==> flow/design.v <==
module my_diff_unit_p #(
    parameter DW = 64
) (
    input logic clk,
    input logic enable,
    input logic [DW-1:0] in_arg0,
    input logic [DW-1:0] in_arg1,
    output logic [DW-1:0] out_d,
    output logic out_bout
);
    logic [DW-1:0] arg0_q;
    always_ff @(posedge clk) begin
        if (enable) begin
            arg0_q <= in_arg0;
        end
    end
    logic [DW-1:0] arg1_q;
    always_ff @(posedge clk) begin
        if (enable) begin
            arg1_q <= in_arg1;
        end
    end
    localparam LW = DW / 2;
    logic [LW:0] l_q;
    always_ff @(posedge clk) begin
        if (enable) begin
            l_q <= arg0_q[LW-1:0] - arg1_q[LW-1:0];
        end
    end
    logic [DW-LW-1:0] arg0_hi_q;
    always_ff @(posedge clk) begin
        if (enable) begin
            arg0_hi_q <= arg0_q[DW-1:LW];
        end
    end
    logic [DW-LW-1:0] arg1_hi_q;
    always_ff @(posedge clk) begin
        if (enable) begin
            arg1_hi_q <= arg1_q[DW-1:LW];
        end
    end
    logic [DW-LW:0] high;
    assign high = arg0_hi_q - arg1_hi_q - l_q[LW];
    always_ff @(posedge clk) begin
        if (enable) begin
            out_d <= {high[DW-LW-1:0], l_q[LW-1:0]};
        end
    end
    always_ff @(posedge clk) begin
        if (enable) begin
            out_bout <= high[DW-LW];
        end
    end
endmodule
# == From RTL to reports: my_diff_unit_p ==
# Tool output for the design above, in the order of the flow.
# Lines are those of the file above, counted from 1.
# Operators: Yosys type, input widths -> output width; for muxes data width and select width s.
# Cell names lack the library's common part.
# Not given: n/a
# inputs
design,my_diff_unit_p
clk_port,clk
lib,sky130hd
corner,tt_025C_1v80

# == Word level ==
# Source: Yosys, flattened and elaborated, memories not mapped. Widths are those after wreduce; folded enables and synchronous resets count as part of the registers. Registers that Yosys merges into a memory's read port (data or address) are not register bits. Print and check cells do not count. Equal cells are merged and count once.
# word_totals
wordCells,10
register_bits,290
# classes
n_addsub,3
# ops
operator,count
$sub 32x32->33,2
$sub 33x1->33,1

# == Depth ==
# Yosys ltp: most cells in a row. Word level: on the elaborated netlist, between registers, memories and ports. Mapped: between sequential cells and ports; inverters and the memories' decode and read muxes count.
# depth
word_depth,2
abc_area,0
depth_mapped,12

# == Mapped cells and area ==
# The flow's flattened synthesis, as Yosys stat reports it; memories are mapped. The netlist is that of the ABC_AREA named above (0 if unset); the other value can give another one.
# Totals and module areas in this step are rounded.
# by_type
type,count,type_area_um2
edfxtp_1,290,8.71E+03
ha_1,94,1.18E+03
inv_1,139,521.75
xnor2_1,38,332.819
a21oi_1,63,315.302
a21o_1,30,225.216
xor2_1,19,166.41
nand2_1,39,146.39
o21ai_0,25,125.12
nor2_1,32,120.115
nand3_1,16,80.077
clkbuf_1,21,78.826
o21a_1,10,75.072
nand4_1,11,68.816
a31oi_1,10,62.56
a211oi_1,8,60.058
fa_1,3,60.058
o211ai_1,8,60.058
# Other cell types: 40; their cells: 109.
# mapped
n_buf,22
cells,965
flip_flops,290
seq_area_um2,8700
mapped_area_um2,13000

# == Timing after synthesis ==
# OpenSTA on the mapped netlist: ideal clock, no wires. The path of least setup slack (recovery checks aside). Input and output delay are each 20% of the period. Register names are those of the netlist, which keeps one name where synthesis merged equal registers.
# synth_path
path_kind,flip-flop to flip-flop
start,register arg0_hi_q[0]
end,register out_d[61]
path_buffers,0
t_arrival_ns,2.462
path_delay_ns,2.717
period_ns,3.4
t_first_pin_ns,0.000
stages,10
setup_slack_ns,0.683
synth_period_reached_ns,2.717
# "path_delay_ns" = arrival - input delay + setup time.
# "stages": output pins that drive a net of the path, with the launching flip-flop's if there is one; two outputs of one cell count as two.
# "synth_period_reached_ns" = period - worst setup slack (recovery checks aside). The figure is calculated, with input and output delays left at 20% of the set period.
# The rows between start and end are the longest chain of elaborated cells between them; the timing report does not say that the signal goes this way. Where chains are equally long, one stands for them.
# Each line given opens the expression or statement behind the cell; cells for indexed reads and writes are added by Yosys, which also makes memories of some case tables.
# synth_via
path_cell_list,edfxtp_1 > fa_1 > ha_1 > nor4b_1 > nand2_1 > nor4b_4 > o31ai_1 > a21oi_1 > a311o_1 > and3_1
elab_chain_len,2
cells_between,2
lines_between,1
# synth_rtl
item,line,text
"start, declared",30,logic [DW-LW-1:0] arg0_hi_q;
"start, assigned",33,arg0_hi_q <= arg0_q[DW-1:LW];
$sub 32x32->33,43,assign high = arg0_hi_q - arg1_hi_q - l_q[LW];
$sub 33x1->33,43,
"end, assigned",46,"out_d <= {high[DW-LW-1:0], l_q[LW-1:0]};"
"end, declared",8,"output logic [DW-1:0] out_d,"

# == Worst path after layout ==
# Path of least setup slack in the final report of stored run 1 (OpenROAD, finished layout, wires in). Where an end is a register, its clock arrival counts in the times.
# layout_path
path_kind,flip-flop to flip-flop
start,register l_q[32]
end,register out_d[61]
stages,11
path_buffers,0
t_arrival_ns,3.32
t_first_pin_ns,0.50
setup_slack_ns,0.35
period_ns,3.4
# The rows between start and end are the longest chain of elaborated cells between them; the timing report does not say that the signal goes this way. Where chains are equally long, one stands for them.
# layout_via
path_cell_list,edfxtp_1 > inv_1 > fa_1 > ha_1 > nor4b_1 > nand2_1 > nor4b_4 > o31ai_2 > a21oi_1 > a311o_1 > and3_1
elab_chain_len,1
cells_between,1
lines_between,1
# layout_rtl
item,line,text
"start, declared",24,logic [LW:0] l_q;
"start, assigned",27,l_q <= arg0_q[LW-1:0] - arg1_q[LW-1:0];
$sub 33x1->33,43,assign high = arg0_hi_q - arg1_hi_q - l_q[LW];
"end, assigned",46,"out_d <= {high[DW-LW-1:0], l_q[LW-1:0]};"
"end, declared",8,"output logic [DW-1:0] out_d,"

# Below are 2 stored runs of the flow (Yosys, OpenROAD; platform sky130hd) on my_diff_unit_p, each with its settings and what was measured, unordered. Constraints: input delay and output delay 20% of the set period each, output load 0.01 pF.
# "achievedPeriod_ns" is the run's clock period less its worst setup slack. It is reckoned from that one timing run; input and output delays stay at 20% of the period that was set.
# By "worst_path_ns" is meant the share of the clock period that the worst setup path is allowed (20% is reserved at inputs, 20% at outputs), minus its slack. Clock arrival times at its registers enter into it.
# Measured values are rounded.
# Among the settings, -- means not set for that run.
run,period_ns,CAP_MARGIN,CORE_MARGIN,CORE_UTILIZATION,SLEW_MARGIN,PLACE_DENSITY_LB_ADDON,CELL_PAD_IN_SITES_DETAIL_PLACEMENT,GPL_TIMING_DRIVEN,CTS_CLUSTER_DIAMETER,yosys_chip_area_um2,die_um2,layout_utilization_frac,ws_setup_ns,holdWs_ns,achievedPeriod_ns,worst_path_ns,timing.worst_path_kind
stored run 1,3.4,20,2,40,20,--,--,--,--,13000,34000,0.52,0.35,0.41,3.054,3.05,flip-flop to flip-flop
stored run 2,2.58,20,5,21,20,0.25,2,0,359,13000,68000,0.3,-0.28,0.39,2.858,2.86,flip-flop to flip-flop
